==> flow/design.v <==
module row #(parameter N = 4) (
    input wire [N-1:0] a,
    input wire sel,
    input wire [N-1:0] pin,
    output wire [N:0] pout
);
    assign pout = pin + (a & {N{sel}});
endmodule
module multiplier_rtl #(
    parameter NBITS = 7
) (
    input wire i_clk,
    input wire i_rst,
    input wire [NBITS-1:0] x,
    input wire [NBITS-1:0] y,
    output wire [2*NBITS-1:0] m
);
    wire [NBITS:0] nd [0:NBITS];
    wire [NBITS-1:0] low;
    assign nd[0] = 0;
    genvar k;
    generate
        for (k = 0; k < NBITS; k = k + 1) begin : slice
            row #(.N(NBITS)) u (.a(x), .sel(y[k]), .pin(nd[k][NBITS:1]), .pout(nd[k+1]));
            assign low[k] = nd[k+1][0];
        end
    endgenerate
    reg [2*NBITS-1:0] m_s;
    always @(posedge i_clk) begin
        if (i_rst) begin
            m_s <= 0;
        end else begin
            m_s <= {nd[NBITS][NBITS:1], low};
        end
    end
    assign m = m_s;
endmodule
[Reports on multiplier_rtl]
Tool output for the design above, in the order of the flow.
Lines are those of the file above, counted from 1.
Operators carry their Yosys type and port widths (W data, S select, Z words).
Cell names lack the library's common part.
The mark -- stands for no value.
Design
  design top: multiplier_rtl
  clock input: i_clk
  library: sky130hd
  timing corner: tt_025C_1v80

[Word level]
Counts by Yosys on the flattened word-level netlist (proc, flatten, opt, wreduce; memories kept). Register bits leave out memories and registers merged into their read ports (data or address); mux counts leave out enables and synchronous resets folded into registers. Print and check cells are left out. Cells with the same type and inputs are merged into one.
Cells by class
  $add $sub $neg: 6
  $mul: 0
  divide/modulo/power cells: 0
  magnitude comparators: 0
  equal/unequal tests: 0
  shift-type cells: 0
  mux-type cells: 0
  bitwise gates (word level): 7
  reductions and logical operators: 0
Operators by type and width (number)
  $and A7 B7 Y7: 7
  $add A7 B8 Y8: 5
  $add A6 B8 Y8: 1
Storage and ports
  flip-flop bits (word level): 14
  bits in latches: 0
  memory bits (writable): 0
  memory bits (read-only): 0
  clocked read ports x word width: 0
  memories: 0
  bits of input ports: 16
  output and inout port bits: 14
  elaborated cells: 14

[Depth]
Longest topological path by Yosys (ltp), each cell counted once; first at word level (registers and memories cut), then after technology mapping (sequential cells cut; the memories' decode and read muxes count).
Depth
  depth in word-level cells: 7
  ABC_AREA: 0
  mapped depth: 31
  mapped depth without buffers: 31

[Synthesis result]
Source: synth_stat.txt of the flow (Yosys; design flattened, memories mapped). It holds for the ABC_AREA given above (unset counts as 0); a run with the other value may have another netlist.
Synthesis totals
  standard cells after synthesis: 296
  cell area after synthesis: 2307.2 sq um
  sequential area: 280.3 sq um
  flip-flop cells: 14
  buffer cells: 1
Cell types
  ha_1: number 41, area in all 512.992 sq um
  dfxtp_1: number 14, area in all 280.269 sq um
  and2_1: number 42, area in all 262.752 sq um
  xnor2_1: number 14, area in all 122.618 sq um
  a21oi_1: number 24, area in all 120.115 sq um
  fa_1: number 6, area in all 120.115 sq um
  nor2_1: number 26, area in all 97.594 sq um
  o21ai_0: number 19, area in all 95.091 sq um
  a211oi_1: number 11, area in all 82.579 sq um
  inv_1: number 21, area in all 78.826 sq um
  o21a_1: number 10, area in all 75.072 sq um
  nor2b_4: number 4, area in all 55.053 sq um
  nor2b_1: number 8, area in all 50.048 sq um
  nand2_1: number 13, area in all 48.797 sq um
  a21o_1: number 6, area in all 45.043 sq um
  o211ai_1: number 6, area in all 45.043 sq um
  o31a_1: number 4, area in all 35.034 sq um
  nor3_1: number 6, area in all 30.029 sq um
Not listed: further types 11, cells in them 21.
By module: a second synthesis without flattening, with its own total; a netlist apart from the flattened one above.
Second synthesis, totals
  cell total of the unflattened synthesis: 338
  area (unflattened synthesis): 2706.3 sq um
Each row is one instance without its submodules.
By module
  row #(N=7): instances 7, cells 44, area 327.8 sq um, sequential area 0.0 sq um
  multiplier_rtl: instances 1, cells 30, area 411.6 sq um, sequential area 280.3 sq um

[Path before layout]
OpenSTA on the mapped netlist: ideal clock, no wires. The path of least setup slack (recovery checks aside). Input and output delay are each 20% of the period. Register names are those of the netlist, which keeps one name where synthesis merged equal registers.
Timing path post-synthesis
  path type: input to register
  start: input y[0]
  end: register m_s[12]
  clock period: 8.34 ns
  external input delay: 1.668 ns
  setup time: 0.079 ns
  time at the first pin: 1.668 ns
  data arrival time: 6.929 ns
  required time: 8.261 ns
  setup slack: 1.332 ns
  delay of the path: 5.340 ns
  stages on the path: 27
  path buffers: 0
  period reached after synthesis: 7.008 ns
"delay of the path" = arrival - input delay + setup time.
"stages on the path": output pins that drive a net of the path, with the launching flip-flop's if there is one; two outputs of one cell count as two.
"period reached after synthesis" is the clock period less the worst setup slack; recovery checks do not enter. This is arithmetic on one report: input and output delays are still those of the set period (20% each).
The rows between start and end are the longest chain of elaborated cells between them; the timing report does not say that the signal goes this way. Where chains are equally long, one stands for them.
A line is the first line of the expression or statement that the cell stems from. Yosys adds cells for indexed reads and writes and turns some case tables into memories.
On the way, post-synthesis
  path through: and2_1 -> ha_1 -> inv_1 -> fa_1 -> inv_1 -> ha_1 -> inv_1 -> fa_1 -> inv_1 -> ha_1 -> fa_1 -> a21oi_1 -> nor2b_1 -> nor2_1 -> xnor2_1 -> ha_1 -> o21a_1 -> o31a_1 -> or4_1 -> nand3_1 -> ha_1 -> o21a_1 -> o21ai_0 -> a21oi_1 -> ha_1 -> or4b_2 -> o211ai_1
  cells in the longest elaborated chain: 7
  elaborated cells between the ends (all ways): 7
  RTL lines with such cells: 1
  those cells by class: add/sub (6); logic (1)
Ends and longest elaborated chain, post-synthesis
  start, declared: line 15  | input wire [NBITS-1:0] y,
  $and A7 B7 Y7: line 7  | assign pout = pin + (a & {N{sel}});
  $add A6 B8 Y8: line 7
  $add A7 B8 Y8 x5: line 7
  end, assigned: line 31  | m_s <= 0;
  end, assigned: line 33  | m_s <= {nd[NBITS][NBITS:1], low};
  end, declared: line 28  | reg [2*NBITS-1:0] m_s;

[Worst path after layout]
Path of least setup slack in the final report of stored run 1 (OpenROAD, finished layout, wires in). Where an end is a register, its clock arrival counts in the times.
Timing path post-layout
  path type: input to register
  start: input x[1]
  end: register m_s[12]
  clock period: 8.34 ns
  external input delay: 1.67 ns
  setup time: 0.08 ns
  time at the first pin: 1.67 ns
  data arrival time: 7.94 ns
  required time: 8.51 ns
  setup slack: 0.57 ns
  stages on the path: 27
  path buffers: 1
The rows between start and end are the longest chain of elaborated cells between them; the timing report does not say that the signal goes this way. Where chains are equally long, one stands for them.
On the way, post-layout
  path through: clkdlybuf4s50_1 -> and2_1 -> ha_1 -> inv_1 -> fa_1 -> inv_1 -> ha_1 -> inv_1 -> fa_1 -> xnor2_1 -> ha_1 -> a211oi_1 -> o21bai_1 -> a21oi_1 -> xnor2_1 -> ha_1 -> o21a_1 -> o31a_1 -> or4_1 -> nand3_1 -> ha_1 -> o21a_1 -> o21ai_0 -> a21oi_1 -> ha_1 -> or4b_2 -> o211ai_1
  cells in the longest elaborated chain: 7
  elaborated cells between the ends (all ways): 13
  RTL lines with such cells: 1
  those cells by class: add/sub (6); logic (7)
Ends and longest elaborated chain, post-layout
  start, declared: line 14  | input wire [NBITS-1:0] x,
  $and A7 B7 Y7: line 7  | assign pout = pin + (a & {N{sel}});
  $add A6 B8 Y8: line 7
  $add A7 B8 Y8 x5: line 7
  end, assigned: line 31  | m_s <= 0;
  end, assigned: line 33  | m_s <= {nd[NBITS][NBITS:1], low};
  end, declared: line 28  | reg [2*NBITS-1:0] m_s;

Appendix: measured runs

Measured data: module multiplier_rtl, platform sky130hd, 3 stored runs of the flow under differing settings, order arbitrary. Input and output delays are each 20% of the period that was set; the output load is 0.01 pF.
"achieved clock period (ns)": clock period set for the run, less the worst setup slack. It is reckoned from that one timing run; input and output delays stay at 20% of the period that was set.
"worst setup path time (ns)" is the time allowed to the run's worst setup path (the clock period less input and output delay, where it has them) less its slack. Clock arrival times count: a late capture clock shortens it, a late launch clock lengthens it.
"finish__power__total" is the tool's figure for a default switching activity; nothing was simulated.

Flow files of stored run 1
==> flow/run.sh <==
#!/bin/bash
# the make line also repeats the synthesis and layout settings of config.mk as NAME=value (left out here)
make -C /OpenROAD-flow-scripts/flow DESIGN_CONFIG=/design/flow/config.mk WORK_HOME=/design/flow/orfs CLKGATE_MAP_FILE= finish
==> flow/config.mk <==
export PLATFORM = sky130hd
export DESIGN_NAME = multiplier_rtl
export DESIGN_NICKNAME = multiplier_rtl
export VERILOG_FILES = /design/flow/design.v
export SDC_FILE = /design/flow/constraint.sdc
export NUM_CORES = 4
export LEC_CHECK = 0
export CAP_MARGIN = 20
export CORE_MARGIN = 2
export CORE_UTILIZATION = 40
export SLEW_MARGIN = 20
==> flow/constraint.sdc <==
create_clock -name core_clock -period 8.34 [get_ports {i_clk}]
set_input_delay 1.6680 -clock core_clock [delete_from_list [all_inputs] [get_ports {i_clk}]]
set_output_delay 1.6680 -clock core_clock [all_outputs]
set_load 0.01 [all_outputs]

report of stored run 1
yosys chip area after synthesis (um^2): 2307.2
finish__design__die__area: 6391.2
finish__design__instance__area__stdcell: 2732.6
finish__design__instance__utilization: 0.4932
finish__timing__setup__ws: 0.572
finish__timing__setup__tns: 0.000
finish__timing__hold__ws: 2.103
finish__power__total: 6.406e-04
achieved clock period (ns): 7.768
worst setup path time (ns): 6.10
worst setup path kind: input to register

Flow files of stored run 2
==> flow/run.sh <==
#!/bin/bash
# the make line also repeats the synthesis and layout settings of config.mk as NAME=value (left out here)
make -C /OpenROAD-flow-scripts/flow DESIGN_CONFIG=/design/flow/config.mk WORK_HOME=/design/flow/orfs CLKGATE_MAP_FILE= finish
==> flow/config.mk <==
export PLATFORM = sky130hd
export DESIGN_NAME = multiplier_rtl
export DESIGN_NICKNAME = multiplier_rtl
export VERILOG_FILES = /design/flow/design.v
export SDC_FILE = /design/flow/constraint.sdc
export NUM_CORES = 4
export LEC_CHECK = 0
export ABC_AREA = 0
export CAP_MARGIN = 0
export CELL_PAD_IN_SITES_DETAIL_PLACEMENT = 0
export CORE_ASPECT_RATIO = 0.94
export CORE_MARGIN = 10
export CORE_UTILIZATION = 27
export GPL_ROUTABILITY_DRIVEN = 1
export HOLD_SLACK_MARGIN = 0.21
export MAX_ROUTING_LAYER = met4
export MIN_ROUTING_LAYER = met1
export PLACE_DENSITY_LB_ADDON = 0.13
export SLEW_MARGIN = 20
==> flow/constraint.sdc <==
create_clock -name core_clock -period 6.97 [get_ports {i_clk}]
set_input_delay 1.3940 -clock core_clock [delete_from_list [all_inputs] [get_ports {i_clk}]]
set_output_delay 1.3940 -clock core_clock [all_outputs]
set_load 0.01 [all_outputs]

report of stored run 2
yosys chip area after synthesis (um^2): 2307.2
finish__design__die__area: 12644.7
finish__design__instance__area__stdcell: 3565.9
finish__design__instance__utilization: 0.4303
finish__timing__setup__ws: 0.353
finish__timing__setup__tns: 0.000
finish__timing__hold__ws: 1.404
finish__power__total: 9.863e-04
achieved clock period (ns): 6.617
worst setup path time (ns): 5.22
worst setup path kind: input to register

Flow files of stored run 3
==> flow/run.sh <==
#!/bin/bash
# the make line also repeats the synthesis and layout settings of config.mk as NAME=value (left out here)
make -C /OpenROAD-flow-scripts/flow DESIGN_CONFIG=/design/flow/config.mk WORK_HOME=/design/flow/orfs CLKGATE_MAP_FILE= finish
==> flow/config.mk <==
export PLATFORM = sky130hd
export DESIGN_NAME = multiplier_rtl
export DESIGN_NICKNAME = multiplier_rtl
export VERILOG_FILES = /design/flow/design.v
export SDC_FILE = /design/flow/constraint.sdc
export NUM_CORES = 4
export LEC_CHECK = 0
export CAP_MARGIN = 20
export CORE_MARGIN = 2
export CORE_UTILIZATION = 59
export CTS_CLUSTER_DIAMETER = 45
export CTS_CLUSTER_SIZE = 10
export GPL_ROUTABILITY_DRIVEN = 1
export GPL_TIMING_DRIVEN = 1
export PLACE_DENSITY_LB_ADDON = 0.18
export SETUP_SLACK_MARGIN = 0.88
export SLEW_MARGIN = 20
export TNS_END_PERCENT = 35
==> flow/constraint.sdc <==
create_clock -name core_clock -period 12.3 [get_ports {i_clk}]
set_input_delay 2.4600 -clock core_clock [delete_from_list [all_inputs] [get_ports {i_clk}]]
set_output_delay 2.4600 -clock core_clock [all_outputs]
set_load 0.01 [all_outputs]

report of stored run 3
yosys chip area after synthesis (um^2): 2307.2
finish__design__die__area: 4426.9
finish__design__instance__area__stdcell: 2695.1
finish__design__instance__utilization: 0.7253
finish__timing__setup__ws: 3.779
finish__timing__setup__tns: 0.000
finish__timing__hold__ws: 2.897
finish__power__total: 4.372e-04
achieved clock period (ns): 8.521
worst setup path time (ns): 6.06
worst setup path kind: input to register
